==> flow/design.v <==
module sync_mul_unit_stage #(
  parameter int DATA_W = 7
) (
  input logic sys_clk,
  input logic [DATA_W-1:0] a_i,
  input logic [DATA_W-1:0] b_i,
  input logic zero_i,
  output logic [2*DATA_W-1:0] m_o,
  output logic fin_o
);
  logic [DATA_W-1:0] a_reg;
  logic [DATA_W-1:0] b_reg;
  logic zero_reg;
  localparam int SEL_W = $clog2(DATA_W + 1);
  logic [DATA_W-1:0] mcand;
  logic [SEL_W-1:0] left;
  logic [2*DATA_W-1:0] state;
  logic [DATA_W:0] work;
  assign work = state[2*DATA_W-1:DATA_W] + (state[0] ? mcand : {DATA_W{1'b0}});
  assign m_o = state;
  assign fin_o = (left == 0);
  always_ff @(posedge sys_clk) begin
    a_reg <= a_i;
    b_reg <= b_i;
    zero_reg <= zero_i;
    mcand <= zero_reg ? a_reg : mcand;
    left <= zero_reg ? DATA_W : (left != 0) ? left - 1'b1 : left;
    state <= zero_reg ? {{DATA_W{1'b0}}, b_reg} : (left != 0) ? {work, state[DATA_W-1:1]} : state;
  end
endmodule
* Reports on sync_mul_unit_stage *
The steps from the RTL of sync_mul_unit_stage to its reports follow in flow order.
Lines are those of the file above, counted from 1.
Operators carry their Yosys type and port widths (W data, S select, Z words).
Cell names lack the library's common part.
Not given: --

set-up
  top module = sync_mul_unit_stage
  clock input = sys_clk
  standard-cell library = sky130hd
  library corner = tt_025C_1v80

* Word level *
Source: Yosys, flattened and elaborated, memories not mapped. Widths are those after wreduce. Registers that Yosys merges into a memory's read port (data or address) are not register bits. Print and check cells do not count. Equal cells are merged and count once.

operators by class
  divide/modulo/power cells = 0
  bitwise logic cells = 0
  shift operators = 0
  mux-type cells = 3
  $lt $le $gt $ge = 0
  add/sub/neg operators = 2
  eq/ne operators = 0
  reduce/logical cells = 3
  multipliers = 0

operators with widths
  cell                   number
  $mux W7                3
  $add A7 B7 Y8          1
  $sub A3 B1 Y3 const B  1
  $logic_not A3 Y1       1
  $reduce_bool A3 Y1     1
  $reduce_bool A2 Y1     1

bit counts
  bits in read-only memories = 0
  register bits after elaboration = 39
  bits of input ports = 16
  memories kept = 0
  clocked read ports x word width = 0
  output and inout bits = 15
  RAM bits = 0
  bits in latches = 0

* Depth *
Depth = most cells in a row (Yosys ltp): at word level without a register or memory, in the mapped netlist without a sequential cell, where the memories' decode and read muxes count.

logic depth
  depth in word-level cells = 4
  ABC_AREA = 1
  mapped depth = 12
  mapped depth without buffers = 12

* After synthesis *
Source: synth_stat.txt of the flow (Yosys; design flattened, memories mapped). It holds for the ABC_AREA given above (unset counts as 0); a run with the other value may have another netlist.

synthesis totals
  mapped cells = 157
  mapped flip-flops = 39
  synthesis area = 1,550.2 µm²
  buffer cells = 2

cell types
  cell      number  area in all (µm²)
  dfxtp_1   25      500.48
  edfxtp_1  14      420.403
  nand2_1   51      191.434
  ha_1      9       112.608
  inv_1     20      75.072
  nor2_4    3       33.782
  o21ai_0   5       25.024
  nand3b_1  3       22.522
  a21oi_1   4       20.019
  fa_1      1       20.019
  nand3_1   4       20.019
  buf_4     2       15.014
  nor2_1    4       15.014
  o21ai_1   2       10.01
  and2_4    1       8.758
  xnor2_1   1       8.758
  xor2_1    1       8.758
  a211oi_1  1       7.507

Other cell types: 6; their cells: 6.

* Timing after synthesis *
Path of least setup slack by OpenSTA after synthesis, without wires, with an ideal clock, recovery checks aside; 20% of the period is set as input and as output delay. Where synthesis merged equal registers, the netlist keeps one of their names.

timing after synthesis
  path kind = reg-to-reg
  from = register state[0]
  to = register state[10]
  delay of the path = 1.626 ns
  path buffers = 0
  arrival = 1.513 ns
  library setup time = 0.113 ns
  slack = 0.914 ns
  launch time at the first pin = 0.000 ns
  clock period = 2.54 ns
  stages = 10
  required time = 2.427 ns
  period reached after synthesis = 1.626 ns

"delay of the path" is the arrival time less input delay plus setup time.
"stages" counts driving pins, that of a launching flip-flop among them; a cell with two outputs on the path counts twice.
"period reached after synthesis" = period - worst setup slack (recovery checks aside). The figure is calculated, with input and output delays left at 20% of the set period.
Between the ends stands the longest chain of elaborated cells between them, by number of cells; it is not shown to be the way that was timed. Of several equally long chains one is given.
A line is the first line of the expression or statement that the cell stems from. Yosys adds cells for indexed reads and writes and turns some case tables into memories.

on the way, after synthesis
  cell sequence = edfxtp_1 nand2_1 inv_1 ha_1 inv_1 fa_1 nor2_1 o21ai_0 nand3b_1 nand2_1
  cells in the longest elaborated chain = 2
  elaborated cells between the ends (all ways) = 2
  RTL lines with such cells = 1

RTL lines, path after synthesis
  item           RTL line  RTL
  from (decl)    17        logic [2*DATA_W-1:0] state;
  from (assign)  28        state <= zero_reg ? {{DATA_W{1'b0}}, b_reg} : (left != 0) ? {work, state[DATA_W-1:1]} : state;
  $mux W7        19        assign work = state[2*DATA_W-1:DATA_W] + (state[0] ? mcand : {DATA_W{1'b0}});
  $add A7 B7 Y8  19
  to (assign)    28
  to (decl)      17

* Worst path after layout *
Path of least setup slack in the final report of flow run A (OpenROAD, finished layout, wires in). Where an end is a register, its clock arrival counts in the times.

timing post-layout
  path kind = reg-to-reg
  from = register state[0]
  to = register state[12]
  slack = -0.35 ns
  required time = 1.49 ns
  launch time at the first pin = 0.29 ns
  path buffers = 1
  arrival = 1.84 ns
  clock period = 1.29 ns
  library setup time = 0.09 ns
  stages = 12

Between the ends stands the longest chain of elaborated cells between them, by number of cells; it is not shown to be the way that was timed. Of several equally long chains one is given.

on the way, post-layout
  cell sequence = edfxtp_1 buf_6 nand2_4 inv_4 ha_4 nand2_1 nor2_1 nand2_1 nand4_1 nand3_1 nand2_1 inv_1
  cells in the longest elaborated chain = 2
  elaborated cells between the ends (all ways) = 2
  RTL lines with such cells = 1

RTL lines, path post-layout
  item           RTL line  RTL
  from (decl)    17        logic [2*DATA_W-1:0] state;
  from (assign)  28        state <= zero_reg ? {{DATA_W{1'b0}}, b_reg} : (left != 0) ? {work, state[DATA_W-1:1]} : state;
  $mux W7        19        assign work = state[2*DATA_W-1:DATA_W] + (state[0] ? mcand : {DATA_W{1'b0}});
  $add A7 B7 Y8  19
  to (assign)    28
  to (decl)      17

Add stored flow runs of sync_mul_unit_stage

Measured data: module sync_mul_unit_stage, platform sky130hd, 3 stored runs of the flow under differing settings, order arbitrary. Input and output delays are each 20% of the period that was set; the output load is 0.01 pF.
"worst setup path time": the worst setup path's part of the clock period (all of it between registers, 20% less for each end at a port) less its slack. A launch clock that arrives late makes it longer, a capture clock that arrives late makes it shorter.

Flow run A
==> flow/run.sh <==
#!/bin/bash
# the make line also repeats the synthesis and layout settings of config.mk as NAME=value (left out here)
make -C /OpenROAD-flow-scripts/flow DESIGN_CONFIG=/design/flow/config.mk WORK_HOME=/design/flow/orfs CLKGATE_MAP_FILE= finish
==> flow/config.mk <==
export PLATFORM = sky130hd
export DESIGN_NAME = sync_mul_unit_stage
export DESIGN_NICKNAME = sync_mul_unit_stage
export VERILOG_FILES = /design/flow/design.v
export SDC_FILE = /design/flow/constraint.sdc
export NUM_CORES = 4
export LEC_CHECK = 0
export ABC_AREA = 1
export CAP_MARGIN = 20
export CORE_ASPECT_RATIO = 0.6
export CORE_MARGIN = 9
export CORE_UTILIZATION = 42
export CTS_CLUSTER_SIZE = 91
export MAX_ROUTING_LAYER = met5
export PLACE_DENSITY_LB_ADDON = 0.0
export SETUP_SLACK_MARGIN = 0.31
export SLEW_MARGIN = 25
export TNS_END_PERCENT = 80
==> flow/constraint.sdc <==
create_clock -name core_clock -period 1.29 [get_ports {sys_clk}]
set_input_delay 0.2580 -clock core_clock [delete_from_list [all_inputs] [get_ports {sys_clk}]]
set_output_delay 0.2580 -clock core_clock [all_outputs]
set_load 0.01 [all_outputs]

==> results of flow run A <==
chip area after synthesis (Yosys): 1,550.2 µm²
die area: 6,273.7 µm²
utilization: 72.1%
worst setup slack after layout: -0.353 ns
worst hold slack: 0.396 ns
worst setup path time: 1.64 ns
worst setup path kind: reg-to-reg

Flow run B
==> flow/run.sh <==
#!/bin/bash
# the make line also repeats the synthesis and layout settings of config.mk as NAME=value (left out here)
make -C /OpenROAD-flow-scripts/flow DESIGN_CONFIG=/design/flow/config.mk WORK_HOME=/design/flow/orfs CLKGATE_MAP_FILE= finish
==> flow/config.mk <==
export PLATFORM = sky130hd
export DESIGN_NAME = sync_mul_unit_stage
export DESIGN_NICKNAME = sync_mul_unit_stage
export VERILOG_FILES = /design/flow/design.v
export SDC_FILE = /design/flow/constraint.sdc
export NUM_CORES = 4
export LEC_CHECK = 0
export CAP_MARGIN = 20
export CORE_MARGIN = 2
export CORE_UTILIZATION = 40
export SLEW_MARGIN = 20
==> flow/constraint.sdc <==
create_clock -name core_clock -period 2.54 [get_ports {sys_clk}]
set_input_delay 0.5080 -clock core_clock [delete_from_list [all_inputs] [get_ports {sys_clk}]]
set_output_delay 0.5080 -clock core_clock [all_outputs]
set_load 0.01 [all_outputs]

==> results of flow run B <==
chip area after synthesis (Yosys): 1,537.7 µm²
die area: 4,356.0 µm²
utilization: 54.3%
worst setup slack after layout: 0.305 ns
worst hold slack: 0.405 ns
worst setup path time: 1.73 ns
worst setup path kind: reg-to-output

Flow run C
==> flow/run.sh <==
#!/bin/bash
# the make line also repeats the synthesis and layout settings of config.mk as NAME=value (left out here)
make -C /OpenROAD-flow-scripts/flow DESIGN_CONFIG=/design/flow/config.mk WORK_HOME=/design/flow/orfs CLKGATE_MAP_FILE= finish
==> flow/config.mk <==
export PLATFORM = sky130hd
export DESIGN_NAME = sync_mul_unit_stage
export DESIGN_NICKNAME = sync_mul_unit_stage
export VERILOG_FILES = /design/flow/design.v
export SDC_FILE = /design/flow/constraint.sdc
export NUM_CORES = 4
export LEC_CHECK = 0
export CAP_MARGIN = 20
export CORE_ASPECT_RATIO = 1.32
export CORE_MARGIN = 2
export CORE_UTILIZATION = 20
export CTS_CLUSTER_DIAMETER = 160
export CTS_CLUSTER_SIZE = 81
export MAX_ROUTING_LAYER = met5
export PLACE_DENSITY = 0.67
export SLEW_MARGIN = 40
export TNS_END_PERCENT = 5
==> flow/constraint.sdc <==
create_clock -name core_clock -period 2.73 [get_ports {sys_clk}]
set_input_delay 0.5460 -clock core_clock [delete_from_list [all_inputs] [get_ports {sys_clk}]]
set_output_delay 0.5460 -clock core_clock [all_outputs]
set_load 0.01 [all_outputs]

==> results of flow run C <==
chip area after synthesis (Yosys): 1,537.7 µm²
die area: 8,412.7 µm²
utilization: 27.9%
worst setup slack after layout: 0.440 ns
worst hold slack: 0.406 ns
worst setup path time: 1.74 ns
worst setup path kind: reg-to-output
